==> flow/design.v <==
module my_mpy_rtl #(
    parameter integer DATA_W = 7,
    parameter integer B_WIDTH = 12
) (
    input  wire clk,
    input  wire rst_n,
    input  wire [DATA_W-1:0] i_dataa,
    input  wire [B_WIDTH-1:0] i_datab,
    output wire [DATA_W+B_WIDTH-1:0] o_p
);
    reg [DATA_W-1:0] dataa_q;
    reg [B_WIDTH-1:0] datab_q;
    assign o_p = dataa_q * datab_q;
    always @(posedge clk or negedge rst_n) begin
        if (!rst_n) begin
            dataa_q <= 0;
            datab_q <= 0;
        end else begin
            dataa_q <= i_dataa;
            datab_q <= i_datab;
        end
    end
endmodule
# Step by step through the tools: my_mpy_rtl

The steps from the RTL of my_mpy_rtl to its reports follow in flow order.
Line numbers count from 1 in the design file above.
Operators: Yosys type, input widths -> output width; for muxes data width and select width s.
Library cell names are shortened.
Not given: n/a

Top module: my_mpy_rtl
Clock port: clk
Library: sky130hd
Timing corner: tt_025C_1v80

# Word-level counts

Counts by Yosys on the flattened word-level netlist (proc, flatten, opt, wreduce; memories kept). Register bits leave out memories and registers merged into their read ports (data or address); mux counts leave out enables and synchronous resets folded into registers. Print and check cells are left out. Cells with the same type and inputs are merged into one.

Register bits after elaboration: 19
Output and inout bits: 19
Input bits: 21
Cells after elaboration: 3

Multipliers: 1

Operators with widths:

| kind          | number |
| $mul 7x12->19 | 1 |

# Depth

Longest topological path by Yosys (ltp), each cell counted once; first at word level (registers and memories cut), then after technology mapping (sequential cells cut; the memories' decode and read muxes count).

Depth in word-level cells: 1
ABC_AREA: 0
Mapped depth: 17
Gate-level depth less buffers: 15

# After synthesis

Yosys stat after the flow's synthesis: flattened, memories mapped to cells. It holds for the ABC_AREA given above (unset counts as 0); a run with the other value may have another netlist.

Cell types:

| cell type | number |
| fa_1      | 49 |
| dfrtp_1   | 19 |
| ha_1      | 37 |
| and2_1    | 55 |
| inv_1     | 60 |
| nand2_1   | 39 |
| a21oi_1   | 13 |
| xnor2_1   | 7 |
| a21o_1    | 6 |
| xor2_1    | 5 |
| clkbuf_1  | 7 |
| a211oi_2  | 2 |
| a31oi_1   | 4 |
| a211oi_1  | 3 |
| nand3_1   | 4 |
| nor2_1    | 5 |
| nor2b_1   | 3 |
| xor2_2    | 1 |

Not listed: further types 19, cells in them 26.

Area of sequential cells: 475.5 um2
Flip-flops: 19
Cell area after synthesis: 3205.6 um2
Cells in the netlist: 345

# Path before layout

Path of least setup slack by OpenSTA after synthesis, without wires, with an ideal clock, recovery checks aside; 20% of the period is set as input and as output delay. Where synthesis merged equal registers, the netlist keeps one of their names.

Path type: reg-to-output
Start point: register dataa_q[6]
End point: output o_p[18]
Arrival time: 4.360 ns
Output delay: 1.362 ns
Period: 6.81 ns
Path slack: 1.088 ns
Launch time at the first pin: 0.000 ns
Path buffers: 1
Path delay: 4.360 ns
Driving pins on the path: 15
Synthesis period reached: 5.722 ns

"path delay" = arrival - input delay + setup time.
At an output port there is no setup time.
"driving pins on the path": output pins that drive a net of the path, with the launching flip-flop's if there is one; two outputs of one cell count as two.
"synthesis period reached" = period - worst setup slack (recovery checks aside). The figure is calculated, with input and output delays left at 20% of the set period.
The rows between start and end are the longest chain of elaborated cells between them; the timing report does not say that the signal goes this way. Where chains are equally long, one stands for them.
Each line given opens the expression or statement behind the cell; cells for indexed reads and writes are added by Yosys, which also makes memories of some case tables.

Path through: dfrtp_1 -> clkbuf_1 -> and2_1 -> fa_1 -> fa_1 -> fa_1 -> inv_1 -> fa_1 -> inv_1 -> ha_1 -> a21o_1 -> a211oi_2 -> a211oi_2 -> or4b_1 -> nand3_1
Cells in the longest elaborated chain: 1
Elaborated cells on any way between the ends: 1
RTL lines with such cells: 1
Classes of those cells: mul (1)

Ends and longest elaborated chain, post-synthesis:

| item            | line | text |
| start, declared | 11   | `reg [DATA_W-1:0] dataa_q;` |
| start, assigned | 16   | `dataa_q <= 0;` |
| start, assigned | 19   | `dataa_q <= i_dataa;` |
| $mul 7x12->19   | 13   | `assign o_p = dataa_q * datab_q;` |
| end, declared   | 9    | `output wire [DATA_W+B_WIDTH-1:0] o_p` |

# Timing after layout

Path of least setup slack in the final report of stored run 1 (OpenROAD, finished layout, wires in). Where an end is a register, its clock arrival counts in the times.

Path type: reg-to-output
Start point: register dataa_q[6]
End point: output o_p[18]
Path slack: 1.99 ns
Output delay: 1.82 ns
Period: 9.1 ns
Path buffers: 1
Arrival time: 5.29 ns
Driving pins on the path: 15
Launch time at the first pin: 0.25 ns

The rows between start and end are the longest chain of elaborated cells between them; the timing report does not say that the signal goes this way. Where chains are equally long, one stands for them.

Path through: dfrtp_1 -> and2_1 -> fa_1 -> fa_1 -> fa_1 -> inv_1 -> fa_1 -> inv_1 -> ha_1 -> a21o_1 -> a211oi_2 -> a211oi_2 -> or4b_1 -> nand3_1 -> clkdlybuf4s50_1
Cells in the longest elaborated chain: 1
Elaborated cells on any way between the ends: 1
RTL lines with such cells: 1
Classes of those cells: mul (1)

Ends and longest elaborated chain, after layout:

| item            | line | text |
| start, declared | 11   | `reg [DATA_W-1:0] dataa_q;` |
| start, assigned | 16   | `dataa_q <= 0;` |
| start, assigned | 19   | `dataa_q <= i_dataa;` |
| $mul 7x12->19   | 13   | `assign o_p = dataa_q * datab_q;` |
| end, declared   | 9    | `output wire [DATA_W+B_WIDTH-1:0] o_p` |

Add stored flow runs of my_mpy_rtl

Below are 3 stored runs of the flow (Yosys, OpenROAD; platform sky130hd) on my_mpy_rtl, each with its settings and what was measured, unordered. Constraints: input delay and output delay 20% of the set period each, output load 0.01 pF.
"clock period achieved" means the clock period less the worst setup slack. The figure is calculated, with input and output delays left at 20% of the set period.
"critical setup path time" is the time allowed to the run's worst setup path (the clock period less input and output delay, where it has them) less its slack. Clock arrival times count: a late capture clock shortens it, a late launch clock lengthens it.
"total design power" is the tool's figure for a default switching activity; nothing was simulated.
Among the settings, - means not set for that run.

| setting or result                       | stored run 1  | stored run 2  | stored run 3  |
| period_ns                               | 9.1           | 9.29          | 6.81          |
| CORE_UTILIZATION                        | 41            | 16            | 40            |
| PLACE_DENSITY                           | 0.46          | -             | -             |
| CELL_PAD_IN_SITES_DETAIL_PLACEMENT      | 1             | 1             | -             |
| CTS_CLUSTER_DIAMETER                    | 32            | -             | -             |
| CAP_MARGIN                              | 20            | 25            | 20            |
| CORE_MARGIN                             | 2             | 4             | 2             |
| SLEW_MARGIN                             | 20            | 25            | 20            |
| SETUP_SLACK_MARGIN                      | -             | -0.72         | -             |
| PLACE_DENSITY_LB_ADDON                  | -             | 0.27          | -             |
| CORE_ASPECT_RATIO                       | -             | 1.35          | -             |
| CELL_PAD_IN_SITES_GLOBAL_PLACEMENT      | -             | 1             | -             |
| TNS_END_PERCENT                         | -             | 40            | -             |
| ABC_AREA                                | -             | 0             | -             |
| MIN_ROUTING_LAYER                       | -             | met1          | -             |
| chip area after synthesis (Yosys) (um2) | 3205.6        | 3205.6        | 3205.6        |
| die area (um2)                          | 8541.5        | 22388.8       | 8746.0        |
| final utilization                       | 0.488         | 0.202         | 0.484         |
| worst setup slack after layout (ns)     | 1.990         | 2.069         | 0.239         |
| total negative setup slack (ns)         | 0.000         | 0.000         | 0.000         |
| lowest hold slack (ns)                  | 2.003         | 2.055         | 1.545         |
| total design power (µW)                 | 926.9         | 958.9         | 1214          |
| clock period achieved (ns)              | 7.110         | 7.221         | 6.571         |
| critical setup path time (ns)           | 5.29          | 5.36          | 5.21          |
| critical path type                      | reg-to-output | reg-to-output | reg-to-output |
